==> flow/design.v <==
module my_mul_core_blk #(
  parameter int DWIDTH = 18,
  parameter int COEF = 2731,
  parameter int OUT_W = DWIDTH + $clog2(COEF + 1)
) (
  input  logic core_clk,
  input  logic aresetn,
  input  logic [DWIDTH-1:0] opa,
  output logic [OUT_W-1:0] p
);
  logic [DWIDTH-1:0] opa_r;
  always_ff @(posedge core_clk or negedge aresetn) begin
    if (~aresetn) begin
      opa_r <= '0;
    end else begin
      opa_r <= opa;
    end
  end
  assign p = opa_r * COEF;
endmodule
Reports on my_mul_core_blk
The steps from the RTL of my_mul_core_blk to its reports follow in flow order.
Lines are those of the file above, counted from 1.
Operators carry their Yosys type and port widths (W data, S select, Z words).
{ "setup": {"top": "my_mul_core_blk", "clock": "core_clk", "lib": "sky130hd", "pvt_corner": "tt_025C_1v80"} }

Word-level counts
Yosys after proc, flatten, opt, wreduce and memory -nomap, before mapping. Enables and synchronous resets that opt folds into registers are not counted as muxes. Memory bits, and registers merged into a memory's read port (data or address), are not among the register bits. Print and check cells are not counted. Equal cells are merged and count once.
{ "bits": {"regBits": 18, "inputBits": 20, "output_inout_bits": 30} }
{ "classes": {"n_mul": 1} }
{ "op_table": {"columns": ["operator", "n"], "rows": [
  ["$mul A18 B12 Y30 const B", 1]
]} }

Logic depth
Longest topological path by Yosys (ltp), each cell counted once; first at word level (registers and memories cut), then after technology mapping (sequential cells cut; the memories' decode and read muxes count).
{ "depth": {"word_depth": 1, "ABC_AREA": 0, "depth_mapped": 18} }

Netlist
The flow's flattened synthesis, as Yosys stat reports it; memories are mapped. The netlist is that of the ABC_AREA named above (0 if unset); the other value can give another one.
{ "synth_totals": {"stdcells": 524, "synth_area_um2": 4895.9, "ff_cells": 18, "buffers": 9} }
{ "types": {"columns": ["cell", "n", "type_area_um2"], "rows": [
  ["sky130_fd_sc_hd__fa_1", 69, 1.38E+03],
  ["sky130_fd_sc_hd__ha_1", 109, 1.36E+03],
  ["sky130_fd_sc_hd__inv_1", 152, 570.547],
  ["sky130_fd_sc_hd__dfrtp_1", 18, 450.432],
  ["sky130_fd_sc_hd__xnor2_1", 18, 157.651],
  ["sky130_fd_sc_hd__a21oi_1", 21, 105.101],
  ["sky130_fd_sc_hd__xor2_1", 8, 70.067],
  ["sky130_fd_sc_hd__nand2_1", 18, 67.565],
  ["sky130_fd_sc_hd__o21ai_0", 13, 65.062],
  ["sky130_fd_sc_hd__nor2_1", 17, 63.811],
  ["sky130_fd_sc_hd__a21o_1", 7, 52.55],
  ["sky130_fd_sc_hd__nand3_1", 8, 40.038],
  ["sky130_fd_sc_hd__a211oi_1", 5, 37.536],
  ["sky130_fd_sc_hd__nand4_1", 6, 37.536],
  ["sky130_fd_sc_hd__o211ai_2", 3, 37.536],
  ["sky130_fd_sc_hd__and2_1", 4, 25.024],
  ["sky130_fd_sc_hd__o21a_1", 3, 22.522],
  ["sky130_fd_sc_hd__o41ai_2", 1, 16.266]
]} }
Not listed: further types 33, cells in them 44.

Timing after synthesis
Source: OpenSTA report_checks on the synthesized netlist (no wires, ideal clock, input and output delay 20% of the period each), path of least setup slack; recovery checks are left aside. Register names are those of the netlist, which keeps one name where synthesis merged equal registers.
{ "synth_path": {"path_kind": "flip-flop to output port", "from": "register opa_r[4]", "to": "output p[27]", "tclk_ps": 6810, "arrival_time_ps": 4361, "required_ps": 5448, "path_slack_ps": 1087, "path_delay_ps": 4361, "stages": 18, "path_buffers": 1, "synth_period_reached_ps": 5723} }
"path_delay_ps" is the arrival time less input delay plus setup time.
A path that ends at an output port has no setup time.
"stages": output pins that drive a net of the path, with the launching flip-flop's if there is one; two outputs of one cell count as two.
"synth_period_reached_ps" = period - worst setup slack (recovery checks aside). The figure is calculated, with input and output delays left at 20% of the set period.
The rows between start and end are the longest chain of elaborated cells between them; the timing report does not say that the signal goes this way. Where chains are equally long, one stands for them.
Each line given opens the expression or statement behind the cell; cells for indexed reads and writes are added by Yosys, which also makes memories of some case tables.
{ "synth_via": {"cell_sequence": "sky130_fd_sc_hd__dfrtp_1 sky130_fd_sc_hd__ha_1 sky130_fd_sc_hd__inv_1 sky130_fd_sc_hd__fa_1 sky130_fd_sc_hd__fa_1 sky130_fd_sc_hd__inv_1 sky130_fd_sc_hd__fa_1 sky130_fd_sc_hd__inv_1 sky130_fd_sc_hd__fa_1 sky130_fd_sc_hd__inv_1 sky130_fd_sc_hd__ha_1 sky130_fd_sc_hd__clkbuf_1 sky130_fd_sc_hd__nand2_1 sky130_fd_sc_hd__nor4_1 sky130_fd_sc_hd__a32oi_1 sky130_fd_sc_hd__a21boi_1 sky130_fd_sc_hd__o41ai_2 sky130_fd_sc_hd__xnor2_1", "elab_chain_cells": 1, "cone_cells": 1, "cone_classes": "mul: 1"} }
{ "synth_rtl": {"columns": ["element", "line_no", "source"], "rows": [
  ["start: declaration", 11, "logic [DWIDTH-1:0] opa_r;"],
  ["start: assignment", 14, "opa_r <= '0;"],
  ["start: assignment", 16, "opa_r <= opa;"],
  ["$mul A18 B12 Y30", 19, "assign p = opa_r * COEF;"],
  ["end: declaration", 9, "output logic [OUT_W-1:0] p"]
]} }

Path in the finished layout
Path of least setup slack in the final report of run 1 (OpenROAD, finished layout, wires in). Where an end is a register, its clock arrival counts in the times.
The path's times are printed in steps of 10 ps; the period is the one set.
{ "layout_path": {"path_kind": "flip-flop to output port", "from": "register opa_r[6]", "to": "output p[24]", "tclk_ps": 4410, "arrival_time_ps": 4850, "required_ps": 3530, "path_slack_ps": -1320, "stages": 19, "path_buffers": 3} }
The rows between start and end are the longest chain of elaborated cells between them; the timing report does not say that the signal goes this way. Where chains are equally long, one stands for them.
{ "layout_via": {"cell_sequence": "sky130_fd_sc_hd__dfrtp_2 sky130_fd_sc_hd__ha_4 sky130_fd_sc_hd__inv_2 sky130_fd_sc_hd__fa_2 sky130_fd_sc_hd__fa_1 sky130_fd_sc_hd__inv_2 sky130_fd_sc_hd__fa_1 sky130_fd_sc_hd__inv_2 sky130_fd_sc_hd__fa_1 sky130_fd_sc_hd__inv_2 sky130_fd_sc_hd__ha_4 sky130_fd_sc_hd__buf_6 sky130_fd_sc_hd__nand4_1 sky130_fd_sc_hd__a211oi_2 sky130_fd_sc_hd__o31ai_2 sky130_fd_sc_hd__buf_4 sky130_fd_sc_hd__and2b_1 sky130_fd_sc_hd__xnor2_2 sky130_fd_sc_hd__buf_2", "elab_chain_cells": 1, "cone_cells": 1, "cone_classes": "mul: 1"} }
{ "layout_rtl": {"columns": ["element", "line_no", "source"], "rows": [
  ["start: declaration", 11, "logic [DWIDTH-1:0] opa_r;"],
  ["start: assignment", 14, "opa_r <= '0;"],
  ["start: assignment", 16, "opa_r <= opa;"],
  ["$mul A18 B12 Y30", 19, "assign p = opa_r * COEF;"],
  ["end: declaration", 9, "output logic [OUT_W-1:0] p"]
]} }

==> runs of my_mul_core_blk <==
Below are 3 stored runs of the flow (Yosys, OpenROAD; platform sky130hd) on my_mul_core_blk, each with its settings and what was measured, unordered. Constraints: input delay and output delay 20% of the set period each, output load 0.01 pF.
By "achieved_period_ps" is meant the clock period of the run minus its worst setup slack. This is arithmetic on one report: input and output delays are still those of the set period (20% each).
"timing.worst_path_ps" is the time allowed to the run's worst setup path (the clock period less input and output delay, where it has them) less its slack. Clock arrival times count: a late capture clock shortens it, a late launch clock lengthens it.
"timing.worst_path_ps" is given in steps of 10 ps.
[
  {
    "run": "run 1",
    "settings": { "period_ns": 4.41, "CORE_UTILIZATION": 51, "SETUP_SLACK_MARGIN": 1.2, "PLACE_DENSITY": 0.77, "CELL_PAD_IN_SITES_DETAIL_PLACEMENT": 0, "GPL_ROUTABILITY_DRIVEN": 0, "MIN_ROUTING_LAYER": "met1", "CAP_MARGIN": 20, "CORE_MARGIN": 2, "SLEW_MARGIN": 20 },
    "results": { "post_route_stdcell_area_um2": 7731.2, "post_route_util_pct": 83.3, "post_synth_area_um2": 4895.9, "timing.worst_path_ps": 4850, "path_kind": "flip-flop to output port", "die_footprint_um2": 10399.9, "achieved_period_ps": 5735, "total_negative_slack_ps": -23833, "worstSetupSlack_ps": -1325, "holdWs_ps": 1071 }
  },
  {
    "run": "run 2",
    "settings": { "period_ns": 6.81, "CAP_MARGIN": 20, "CORE_MARGIN": 2, "CORE_UTILIZATION": 40, "SLEW_MARGIN": 20 },
    "results": { "post_route_stdcell_area_um2": 5719.2, "post_route_util_pct": 47.8, "post_synth_area_um2": 4895.9, "timing.worst_path_ps": 5250, "path_kind": "flip-flop to output port", "die_footprint_um2": 13141.2, "achieved_period_ps": 6613, "total_negative_slack_ps": 0, "worstSetupSlack_ps": 197, "holdWs_ps": 1552 }
  },
  {
    "run": "run 3",
    "settings": { "period_ns": 8.9, "CORE_UTILIZATION": 39, "SETUP_SLACK_MARGIN": -0.89, "PLACE_DENSITY_LB_ADDON": 0.25, "CELL_PAD_IN_SITES_GLOBAL_PLACEMENT": 3, "CELL_PAD_IN_SITES_DETAIL_PLACEMENT": 2, "TNS_END_PERCENT": 15, "GPL_ROUTABILITY_DRIVEN": 1, "CTS_CLUSTER_DIAMETER": 388, "CAP_MARGIN": 35, "MIN_ROUTING_LAYER": "met1", "MAX_ROUTING_LAYER": "met4", "CORE_MARGIN": 2, "SLEW_MARGIN": 20 },
    "results": { "post_route_stdcell_area_um2": 5634.1, "post_route_util_pct": 46.5, "post_synth_area_um2": 4895.9, "timing.worst_path_ps": 5540, "path_kind": "flip-flop to output port", "die_footprint_um2": 13466.4, "achieved_period_ps": 7323, "total_negative_slack_ps": 0, "worstSetupSlack_ps": 1577, "holdWs_ps": 1973 }
  }
]
